==> flow/design.v <==
module sync_sum_block_v2 #(
   parameter XLEN = 12,
   parameter SLICE = 4
) (
   input aclk,
   input RSTN,
   input [XLEN-1:0] in_src1,
   input [XLEN-1:0] in_src2,
   input in_cy_in,
   output [XLEN-1:0] out_sum,
   output out_ovf
);
   reg [XLEN-1:0] src1_d1;
   reg [XLEN-1:0] src2_d1;
   reg cy_in_d1;
   always @(posedge aclk or negedge RSTN) begin
      if (!RSTN) begin
         src1_d1 <= 0;
         src2_d1 <= 0;
         cy_in_d1 <= 1'b0;
      end else begin
         src1_d1 <= in_src1;
         src2_d1 <= in_src2;
         cy_in_d1 <= in_cy_in;
      end
   end
   localparam NG = XLEN / SLICE;
   wire [XLEN-1:0] val;
   wire [NG:0] cy;
   assign cy[0] = cy_in_d1;
   genvar ii;
   generate
      for (ii = 0; ii < NG; ii = ii + 1) begin : row
         wire [SLICE:0] s0 = src1_d1[ii*SLICE +: SLICE] + src2_d1[ii*SLICE +: SLICE];
         wire [SLICE:0] s1 = src1_d1[ii*SLICE +: SLICE] + src2_d1[ii*SLICE +: SLICE] + 1'b1;
         assign {cy[ii+1], val[ii*SLICE +: SLICE]} = cy[ii] ? s1 : s0;
      end
   endgenerate
   reg [XLEN-1:0] sum_d1;
   always @(posedge aclk or negedge RSTN) begin
      if (!RSTN) begin
         sum_d1 <= 0;
      end else begin
         sum_d1 <= val;
      end
   end
   assign out_sum = sum_d1;
   reg ovf_d1;
   always @(posedge aclk or negedge RSTN) begin
      if (!RSTN) begin
         ovf_d1 <= 1'b0;
      end else begin
         ovf_d1 <= cy[NG];
      end
   end
   assign out_ovf = ovf_d1;
endmodule
; ---- Reports on sync_sum_block_v2
; Module sync_sum_block_v2 in several versions that differ in "XLEN"; each step lists the members.
; The file above is the member XLEN = 12. Line numbers count from 1 in each member's own file.
; Library cell names are shortened.
; Not given: -
[setup]
top = sync_sum_block_v2
clock_port = aclk
lib = sky130hd
corner = tt_025C_1v80

; ---- Members of the sweep
; New or changed lines of each further member against the RTL above, in its own file; lines it lacks are not shown.
[changed_lines]
columns = XLEN, line_no
row1 = 40, 2  ; parameter XLEN = 40,
row2 = 56, 2  ; parameter XLEN = 56,
row3 = 60, 2  ; parameter XLEN = 60,
row4 = 64, 2  ; parameter XLEN = 64,
row5 = 128, 2  ; parameter XLEN = 128,

; ---- Elaborated design
; Yosys after proc, flatten, opt, wreduce and memory -nomap, before mapping. Enables and synchronous resets that opt folds into registers are not counted as muxes. Memory bits, and registers merged into a memory's read port (data or address), are not among the register bits. Print and check cells are not counted. Equal cells are merged and count once.
[word_totals]
columns = XLEN, wordCells, ramBits, input_bits, register_bits, mem_count, latchBits, rom_bits, clocked_rd_ports_x_width
row1 = 12, 14, 0, 27, 38, 0, 0, 0, 0
row2 = 40, 35, 0, 83, 122, 0, 0, 0, 0
row3 = 56, 47, 0, 115, 170, 0, 0, 0, 0
row4 = 60, 50, 0, 123, 182, 0, 0, 0, 0
row5 = 64, 53, 0, 131, 194, 0, 0, 0, 0
row6 = 128, 101, 0, 259, 386, 0, 0, 0, 0
[classes]
columns = XLEN, div_mod_pow, n_shift, mux, multipliers, n_reduce_logical, n_logic, cmp, eq_ne, n_addsub
row1 = 12, 0, 0, 3, 0, 0, 0, 0, 0, 6
row2 = 40, 0, 0, 10, 0, 0, 0, 0, 0, 20
row3 = 56, 0, 0, 14, 0, 0, 0, 0, 0, 28
row4 = 60, 0, 0, 15, 0, 0, 0, 0, 0, 30
row5 = 64, 0, 0, 16, 0, 0, 0, 0, 0, 32
row6 = 128, 0, 0, 32, 0, 0, 0, 0, 0, 64
[op_table]
columns = XLEN, op_list
row1 = 12, 3 x adder 4 x 4 -> 5 bit; 3 x adder 5 x 1 -> 5 bit (second input constant); 3 x two-way mux 5 bit
row2 = 40, 10 x adder 4 x 4 -> 5 bit; 10 x adder 5 x 1 -> 5 bit (second input constant); 10 x two-way mux 5 bit
row3 = 56, 14 x adder 4 x 4 -> 5 bit; 14 x adder 5 x 1 -> 5 bit (second input constant); 14 x two-way mux 5 bit
row4 = 60, 15 x adder 4 x 4 -> 5 bit; 15 x adder 5 x 1 -> 5 bit (second input constant); 15 x two-way mux 5 bit
row5 = 64, 16 x adder 4 x 4 -> 5 bit; 16 x adder 5 x 1 -> 5 bit (second input constant); 16 x two-way mux 5 bit
row6 = 128, 32 x adder 4 x 4 -> 5 bit; 32 x adder 5 x 1 -> 5 bit (second input constant); 32 x two-way mux 5 bit

; ---- Logic depth
; Yosys ltp: most cells in a row. Word level: on the elaborated netlist, between registers, memories and ports. Mapped: between sequential cells and ports; inverters and the memories' decode and read muxes count.
[logic_depth]
columns = XLEN, ltp_word, ABC_AREA, ltp_mapped, depth_no_buf
row1 = 12, 5, 0, 8, 8
row2 = 40, 12, 0, 16, 16
row3 = 56, 16, 0, 20, 20
row4 = 60, 17, 0, 21, 21
row5 = 64, 18, 0, 22, 22
row6 = 128, 34, 0, 37, 36

; ---- Synthesis result
; Yosys stat after the flow's synthesis: flattened, memories mapped to cells. It holds for the ABC_AREA given above (unset counts as 0); a run with the other value may have another netlist.
; Totals and module areas in this step are rounded.
[synth_totals]
columns = XLEN, mapped_area_um2, ffs, stdcells
row1 = 12, 1698, 38, 123
row2 = 40, 5300, 122, 371
row3 = 56, 7375, 170, 512
row4 = 60, 7829, 182, 539
row5 = 64, 8399, 194, 579
row6 = 128, 16670, 386, 1173
[types]
columns = XLEN, cell_types
row1 = 12, 38 x dfrtp_1; 15 x ha_1; 10 x xnor2_1; 3 x fa_1; 6 x xor2_1; 7 x a21oi_1; 7 x inv_1; 2 x a31oi_2; 3 x a21o_1; 2 x mux2_2; 1 x xor2_2; 1 x mux2_4; 2 x nor3b_1; 1 x nor4b_2; 2 x nand4_1; 1 x and4_4; 1 x or4_4; 2 x nand3_1; [+19]
row2 = 40, 122 x dfrtp_1; 50 x ha_1; 41 x xnor2_1; 10 x fa_1; 19 x xor2_1; 20 x a21o_1; 20 x a21oi_1; 8 x mux2_2; 9 x mux2i_1; 13 x nand4_1; 16 x nand2_1; 5 x nand3b_1; 4 x nand4b_1; 5 x and2_1; 2 x nand4bb_1; 4 x nand3_1; 1 x a221oi_2; 1 x mux2i_2; [+21]
row3 = 56, 170 x dfrtp_1; 70 x ha_1; 52 x xnor2_1; 33 x xor2_1; 14 x fa_1; 28 x a21o_1; 28 x a21oi_1; 12 x mux2i_1; 13 x nand4_1; 7 x mux2_2; 10 x nand3b_1; 19 x nand2_1; 6 x mux2_1; 8 x and2_1; 9 x nand3_1; 5 x nand4b_1; 2 x mux2i_2; 2 x nand4bb_1; [+24]
row4 = 60, 182 x dfrtp_1; 75 x ha_1; 53 x xnor2_1; 36 x xor2_1; 15 x fa_1; 29 x a21o_1; 14 x mux2_2; 31 x a21oi_1; 14 x mux2i_1; 16 x nand4_1; 9 x nand3b_1; 17 x nand2_1; 6 x nand4b_1; 10 x nand3_1; 6 x and2_2; 1 x a41oi_2; 4 x nor2_1; 1 x mux2i_2; [+20]
row5 = 64, 194 x dfrtp_1; 80 x ha_1; 63 x xnor2_1; 16 x fa_1; 33 x xor2_1; 31 x a21o_1; 32 x a21oi_1; 15 x mux2i_1; 11 x mux2_2; 18 x nand4_1; 21 x nand2_1; 10 x nand3b_1; 8 x and2_2; 6 x nand4b_1; 4 x mux2_1; 9 x nand3_1; 2 x nand4bb_1; 1 x o31ai_4; [+25]
row6 = 128, 386 x dfrtp_1; 160 x ha_1; 112 x xnor2_1; 80 x xor2_1; 32 x fa_1; 67 x a21o_1; 69 x a21oi_1; 27 x mux2_2; 25 x mux2i_1; 30 x nand4_1; 49 x nand2_1; 15 x nand3b_1; 21 x nand3_1; 6 x mux2_1; 10 x and2_1; 7 x nand4b_1; 16 x nor2_1; 7 x and3_1; [+54]
; The mark [+n] counts cells that are not listed.

; ---- Timing after synthesis
; Source: OpenSTA report_checks on the synthesized netlist (no wires, ideal clock, input and output delay 20% of the period each), path of least setup slack; recovery checks are left aside. Register names are those of the netlist, which keeps one name where synthesis merged equal registers.
[synth_timing]
columns = XLEN, path_kind, start, end, driving_pins, tclk_ps, path_slack_ps, delay_ps, synth_period_reached_ps
row1 = 12, register to register, reg src1_d1[0], reg sum_d1[9], 9, 3240, 648, 2592, 2592
row2 = 40, register to register, reg src1_d1[0], reg sum_d1[37], 17, 6150, 1232, 4919, 4918
row3 = 56, register to register, reg src1_d1[0], reg sum_d1[53], 21, 7780, 1559, 6221, 6221
row4 = 60, register to register, reg src1_d1[0], reg sum_d1[57], 22, 8070, 1618, 6453, 6452
row5 = 64, register to register, reg src1_d1[0], reg sum_d1[61], 22, 8500, 1699, 6801, 6801
row6 = 128, register to register, reg src1_d1[0], reg sum_d1[125], 38, 13900, 2744, 11156, 11156
; "delay_ps" is the arrival time less input delay plus setup time.
; "driving_pins" counts driving pins, that of a launching flip-flop among them; a cell with two outputs on the path counts twice.
; "synth_period_reached_ps" = period - worst setup slack (recovery checks aside). The figure is calculated, with input and output delays left at 20% of the set period.
; The rows between start and end are the longest chain of elaborated cells between them; the timing report does not say that the signal goes this way. Where chains are equally long, one stands for them.
; A line is the first line of the expression or statement that the cell stems from. Yosys adds cells for indexed reads and writes and turns some case tables into memories.
[synth_between_XLEN_12]
elab_chain_len = 5
[synth_lines_XLEN_12]
columns = item, line_no
row1 = "start, declared", 13  ; reg [XLEN-1:0] src1_d1;
row2 = "start, assigned", 18  ; src1_d1 <= 0;
row3 = "start, assigned", 22  ; src1_d1 <= in_src1;
row4 = adder 4 x 4 -> 5 bit, 35  ; wire [SLICE:0] s1 = src1_d1[ii*SLICE +: SLICE] + src2_d1[ii*SLICE +: SLICE] + 1'b1;
row5 = adder 5 x 1 -> 5 bit, 35
row6 = two-way mux 5 bit x3, 36  ; assign {cy[ii+1], val[ii*SLICE +: SLICE]} = cy[ii] ? s1 : s0;
row7 = "end, assigned", 42  ; sum_d1 <= 0;
row8 = "end, assigned", 44  ; sum_d1 <= val;
row9 = "end, declared", 39  ; reg [XLEN-1:0] sum_d1;
[synth_between_XLEN_128]
elab_chain_len = 34
[synth_lines_XLEN_128]
columns = item, line_no
row1 = "start, declared", 13  ; reg [XLEN-1:0] src1_d1;
row2 = "start, assigned", 18  ; src1_d1 <= 0;
row3 = "start, assigned", 22  ; src1_d1 <= in_src1;
row4 = adder 4 x 4 -> 5 bit, 35  ; wire [SLICE:0] s1 = src1_d1[ii*SLICE +: SLICE] + src2_d1[ii*SLICE +: SLICE] + 1'b1;
row5 = adder 5 x 1 -> 5 bit, 35
row6 = two-way mux 5 bit x32, 36  ; assign {cy[ii+1], val[ii*SLICE +: SLICE]} = cy[ii] ? s1 : s0;
row7 = "end, assigned", 42  ; sum_d1 <= 0;
row8 = "end, assigned", 44  ; sum_d1 <= val;
row9 = "end, declared", 39  ; reg [XLEN-1:0] sum_d1;

; ---- Worst path after layout
; From the final timing report of each member's run: the path of least setup slack in the routed layout; clock arrival at registers is part of the times.
; The report prints the path's times to 10 ps; the period is as set.
[layout_timing]
columns = XLEN, path_kind, start, end, t_arrival_ps, tclk_ps, path_slack_ps, driving_pins
row1 = 12, register to register, reg src1_d1[0], reg sum_d1[9], 2880, 3240, 530, 9
row2 = 40, register to register, reg src1_d1[0], reg sum_d1[37], 5720, 6150, 710, 17
row3 = 56, register to register, reg src1_d1[0], reg sum_d1[53], 7250, 7780, 830, 21
row4 = 60, register to register, reg src1_d1[0], reg sum_d1[57], 7590, 8070, 790, 22
row5 = 64, register to register, reg src1_d1[0], reg sum_d1[61], 8060, 8500, 750, 23
row6 = 128, register to register, reg src1_d1[0], reg sum_d1[125], 13240, 13900, 1090, 37

; ---- Measured runs
; Settings and results of one run of the flow (Yosys, OpenROAD) for each member follow. The constraints put input and output delay at 20% of the set period each and load the outputs with 0.01 pF.
[flow_settings]
CAP_MARGIN = 20
CORE_MARGIN = 2
CORE_UTILIZATION = 40
SLEW_MARGIN = 20
[settings_by_member]
columns = XLEN, period_ns
row1 = 12, 3.24
row2 = 40, 6.15
row3 = 56, 7.78
row4 = 60, 8.07
row5 = 64, 8.5
row6 = 128, 13.9
[results]
columns = XLEN, ys_area_um2, cell_area_final_um2, ws_setup_ps, achieved_period_ps, final_die_area_um2
row1 = 12, 1698, 2256, 535, 2705, 4782
row2 = 40, 5300, 7241, 714, 5436, 14190
row3 = 56, 7375, 9962, 835, 6945, 19540
row4 = 60, 7829, 10630, 791, 7279, 20710
row5 = 64, 8399, 11300, 751, 7749, 22170
row6 = 128, 16670, 22650, 1087, 12813, 43320
; By "achieved_period_ps" is meant the clock period of the run minus its worst setup slack. This is arithmetic on one report: input and output delays are still those of the set period (20% each).
; The results are shown rounded.
